==> flow/design.v <==
module u_mul_core_top (clock, aresetn, lhs_i, rhs_i, result_o);
  parameter DW = 4;
  input clock;
  input aresetn;
  input signed [DW-1:0] lhs_i;
  input signed [DW-1:0] rhs_i;
  output signed [2*DW-1:0] result_o;
  reg signed [DW-1:0] lhs_d1;
  reg signed [DW-1:0] rhs_d1;
  reg signed [2*DW-1:0] result_d1;
  always @(posedge clock or negedge aresetn) begin
    if (!aresetn) begin
      lhs_d1 <= 0;
      rhs_d1 <= 0;
      result_d1 <= 0;
    end else begin
      lhs_d1 <= lhs_i;
      rhs_d1 <= rhs_i;
      result_d1 <= lhs_d1 * rhs_d1;
    end
  end
  assign result_o = result_d1;
endmodule
# Tool chain data of u_mul_core_top
# Module u_mul_core_top in several versions that differ in "DW"; each step lists the members.
# The file above is the member DW = 4. Line numbers count from 1 in each member's own file.
# Cell names lack the library's common part.
# Not given: -
[inputs]
top = "u_mul_core_top"
clock = "clock"
lib = "sky130hd"
pvt_corner = "tt_025C_1v80"

# Source of the members
# Lines of each other member's file that are new or changed against the file above; lines that a member lacks are not shown.
[src_changes]
columns = ["DW", "line_no", "text"]
rows = [
  [6, 2, "parameter DW = 6;"],
  [8, 2, "parameter DW = 8;"],
  [10, 2, "parameter DW = 10;"],
  [16, 2, "parameter DW = 16;"],
  [18, 2, "parameter DW = 18;"],
]

# After elaboration
# Yosys after proc, flatten, opt, wreduce and memory -nomap, before mapping. Enables and synchronous resets that opt folds into registers are not counted as muxes. Memory bits, and registers merged into a memory's read port (data or address), are not among the register bits. Print and check cells are not counted. Equal cells are merged and count once.
[classes]
columns = ["DW", "n_mul"]
rows = [
  [4, 1],
  [6, 1],
  [8, 1],
  [10, 1],
  [16, 1],
  [18, 1],
]
[op_table]
columns = ["DW", "op_list"]
rows = [
  [4, "1 x multiplier 4 x 4 -> 8 bit"],
  [6, "1 x multiplier 6 x 6 -> 12 bit"],
  [8, "1 x multiplier 8 x 8 -> 16 bit"],
  [10, "1 x multiplier 10 x 10 -> 20 bit"],
  [16, "1 x multiplier 16 x 16 -> 32 bit"],
  [18, "1 x multiplier 18 x 18 -> 36 bit"],
]
[word_totals]
columns = ["DW", "in_bits", "reg_bits", "word_cells", "out_inout_bits"]
rows = [
  [4, 10, 16, 4, 8],
  [6, 14, 24, 4, 12],
  [8, 18, 32, 4, 16],
  [10, 22, 40, 4, 20],
  [16, 34, 64, 4, 32],
  [18, 38, 72, 4, 36],
]

# Logic depth
# Longest topological path by Yosys (ltp), each cell counted once; first at word level (registers and memories cut), then after technology mapping (sequential cells cut; the memories' decode and read muxes count).
[depth]
columns = ["DW", "ltp_word", "ABC_AREA", "depth_mapped", "ltp_nobuf"]
rows = [
  [4, 1, 0, 11, 11],
  [6, 1, 0, 15, 15],
  [8, 1, 0, 17, 17],
  [10, 1, 0, 19, 18],
  [16, 1, 0, 23, 21],
  [18, 1, 0, 26, 24],
]

# After synthesis
# The flow's flattened synthesis, as Yosys stat reports it; memories are mapped. The netlist is that of the ABC_AREA named above (0 if unset); the other value can give another one.
# Totals and module areas in this step are rounded.
[by_type]
columns = ["DW", "cell_types"]
rows = [
  [4, "16 x dfrtp_1; 9 x fa_1; 12 x ha_1; 9 x and2_1; 12 x inv_1; 3 x xnor2_1; 1 x xnor3_1; 1 x xnor2_2; 2 x a21o_1; 2 x a21oi_1; 1 x xor2_1; 2 x nand2_1; 2 x nor2_1; 1 x o21bai_1; 1 x nand2_2; 1 x nand2b_1"],
  [6, "24 x dfrtp_1; 26 x fa_1; 21 x ha_1; 22 x and2_1; 32 x inv_1; 10 x xnor2_1; 6 x nor2b_1; 8 x nand2_1; 1 x o41ai_2; 4 x nor2_1; 3 x nor3_1; 2 x o21a_1; 2 x and3_1; 2 x nand2b_1; 1 x mux2_2; 1 x a221o_1; 1 x a221oi_1; 1 x o311ai_1; (+3)"],
  [8, "55 x fa_1; 32 x dfrtp_1; 29 x ha_1; 88 x inv_1; 43 x and2_1; 11 x xnor2_1; 15 x nand2_1; 9 x nor2b_1; 10 x nor2_1; 7 x a21oi_1; 3 x xor2_1; 1 x a21oi_4; 1 x o41ai_2; 1 x nor4b_2; 2 x o21a_1; 3 x o21ai_0; 1 x mux2_2; 2 x nand3_1; (+12)"],
  [10, "91 x fa_1; 40 x dfrtp_1; 49 x ha_1; 140 x inv_1; 64 x nand2_1; 33 x and2_1; 18 x xnor2_1; 17 x clkbuf_1; 12 x a21oi_1; 12 x nor2_1; 4 x xor2_1; 4 x a21o_1; 2 x a211oi_2; 4 x a31oi_1; 4 x nand2b_1; 3 x o21bai_1; 2 x o21ai_2; 1 x a311oi_2; (+21)"],
  [16, "262 x fa_1; 64 x dfrtp_1; 292 x inv_1; 82 x ha_1; 122 x and2_1; 132 x nand2_1; 27 x xnor2_1; 17 x a21o_1; 33 x clkbuf_1; 28 x nor2_1; 10 x xor2_1; 17 x a21oi_1; 6 x a31oi_1; 6 x and3_1; 6 x nand4_1; 6 x nor3_1; 6 x o21ai_0; 4 x o21bai_1; (+39)"],
  [18, "329 x fa_1; 72 x dfrtp_1; 368 x inv_1; 93 x ha_1; 163 x and2_1; 160 x nand2_1; 34 x xnor2_1; 45 x clkbuf_1; 24 x a21oi_1; 16 x nor2b_1; 19 x nor2_1; 9 x nand2b_1; 6 x o21bai_1; 8 x o21ai_0; 4 x a21o_1; 6 x nand3_1; 4 x o21a_1; 3 x xor2_1; (+35)"],
]
# The mark (+n) counts cells that are not listed.
[mapped]
columns = ["DW", "mapped_cells", "flip_flops", "seq_area_mm2", "yosys_area_mm2", "buffers"]
rows = [
  [4, 75, 16, 0.0004, 0.000966, 0],
  [6, 170, 24, 0.000601, 0.00194, 0],
  [8, 325, 32, 0.000801, 0.00335, 0],
  [10, 521, 40, 0.001, 0.00508, 17],
  [16, 1159, 64, 0.0016, 0.0115, 37],
  [18, 1398, 72, 0.0018, 0.0139, 45],
]

# Worst setup path after synthesis
# Source: OpenSTA report_checks on the synthesized netlist (no wires, ideal clock, input and output delay 20% of the period each), path of least setup slack; recovery checks are left aside. Register names are those of the netlist, which keeps one name where synthesis merged equal registers.
[synth_timing]
columns = ["DW", "path_kind", "from", "to", "path_stages", "slack_ns", "path_delay_ns", "tclk_ns", "synth_period_reached_ns"]
rows = [
  [4, "register to register", "register lhs_d1[0]", "register result_d1[7]", 11, 0.793, 3.177, 3.97, 3.177],
  [6, "register to register", "register lhs_d1[5]", "register result_d1[11]", 13, 1.001, 3.989, 4.99, 3.989],
  [8, "register to register", "register rhs_d1[4]", "register result_d1[11]", 16, 1.029, 4.132, 5.16, 4.131],
  [10, "register to register", "register lhs_d1[9]", "register result_d1[18]", 17, 1.214, 4.846, 6.06, 4.846],
  [16, "register to register", "register lhs_d1[15]", "register result_d1[29]", 21, 1.514, 6.046, 7.56, 6.046],
  [18, "register to register", "register lhs_d1[17]", "register result_d1[35]", 26, 1.560, 6.260, 7.82, 6.26],
]
# "path_delay_ns" = arrival - input delay + setup time.
# "path_stages" counts driving pins, that of a launching flip-flop among them; a cell with two outputs on the path counts twice.
# "synth_period_reached_ns" = period - worst setup slack (recovery checks aside). The figure is calculated, with input and output delays left at 20% of the set period.
# The rows between start and end are the longest chain of elaborated cells between them; the timing report does not say that the signal goes this way. Where chains are equally long, one stands for them.
# Each line given opens the expression or statement behind the cell; cells for indexed reads and writes are added by Yosys, which also makes memories of some case tables.
[synth_via_DW_4]
elab_chain_cells = 1
[synth_lines_DW_4]
columns = ["element", "line_no", "text"]
rows = [
  ["start, declared", 8, "reg signed [DW-1:0] lhs_d1;"],
  ["start, assigned", 13, "lhs_d1 <= 0;"],
  ["start, assigned", 17, "lhs_d1 <= lhs_i;"],
  ["multiplier 4 x 4 -> 8 bit", 19, "result_d1 <= lhs_d1 * rhs_d1;"],
  ["end, assigned", 15, "result_d1 <= 0;"],
  ["end, assigned", 19, ""],
  ["end, declared", 10, "reg signed [2*DW-1:0] result_d1;"],
]
[synth_via_DW_18]
elab_chain_cells = 1
[synth_lines_DW_18]
columns = ["element", "line_no", "text"]
rows = [
  ["start, declared", 8, "reg signed [DW-1:0] lhs_d1;"],
  ["start, assigned", 13, "lhs_d1 <= 0;"],
  ["start, assigned", 17, "lhs_d1 <= lhs_i;"],
  ["multiplier 18 x 18 -> 36 bit", 19, "result_d1 <= lhs_d1 * rhs_d1;"],
  ["end, assigned", 15, "result_d1 <= 0;"],
  ["end, assigned", 19, ""],
  ["end, declared", 10, "reg signed [2*DW-1:0] result_d1;"],
]

# Timing after layout
# Path of least setup slack in the final report of each member's run (OpenROAD, finished layout, wires in). Where an end is a register, its clock arrival counts in the times.
[layout_timing]
columns = ["DW", "path_kind", "from", "to", "tclk_ns", "t_arrival_ns", "slack_ns", "n_path_buf", "path_stages"]
rows = [
  [4, "register to register", "register lhs_d1[0]", "register result_d1[7]", 3.97, 3.53, 0.67, 0, 11],
  [6, "register to register", "register lhs_d1[5]", "register result_d1[11]", 4.99, 4.33, 0.80, 0, 13],
  [8, "register to register", "register rhs_d1[4]", "register result_d1[11]", 5.16, 4.53, 0.86, 0, 16],
  [10, "register to register", "register rhs_d1[5]", "register result_d1[18]", 6.06, 5.32, 0.96, 0, 16],
  [16, "register to register", "register rhs_d1[1]", "register result_d1[29]", 7.56, 6.95, 0.88, 0, 20],
  [18, "register to register", "register lhs_d1[17]", "register result_d1[34]", 7.82, 7.09, 1.01, 0, 23],
]

# Measured runs
# One run of the flow (Yosys, OpenROAD) for each member, with settings and measured results. Input and output delays are each 20% of the period that was set; the output load is 0.01 pF.
[flow_settings]
CAP_MARGIN = 20
CORE_MARGIN = 2
CORE_UTILIZATION = 40
SLEW_MARGIN = 20
[settings_diff]
columns = ["DW", "period_ns"]
rows = [
  [4, 3.97],
  [6, 4.99],
  [8, 5.16],
  [10, 6.06],
  [16, 7.56],
  [18, 7.82],
]
[measured]
columns = ["DW", "yosys_chip_area_mm2", "holdWs_ns", "final_die_area_mm2", "final_stdcell_area_mm2", "setup_ws_ns", "finalUtil_pct"]
rows = [
  [4, 0.000966, 0.520, 0.00282, 0.00121, 0.668, 53.6],
  [6, 0.00194, 0.570, 0.00543, 0.00233, 0.799, 49.6],
  [8, 0.00335, 0.611, 0.00913, 0.00392, 0.864, 47.9],
  [10, 0.00508, 0.713, 0.0136, 0.0058, 0.964, 46.4],
  [16, 0.0115, 0.749, 0.0301, 0.0128, 0.881, 45.0],
  [18, 0.0139, 0.898, 0.0362, 0.0154, 1.01, 44.7],
]
# The measured numbers are rounded.
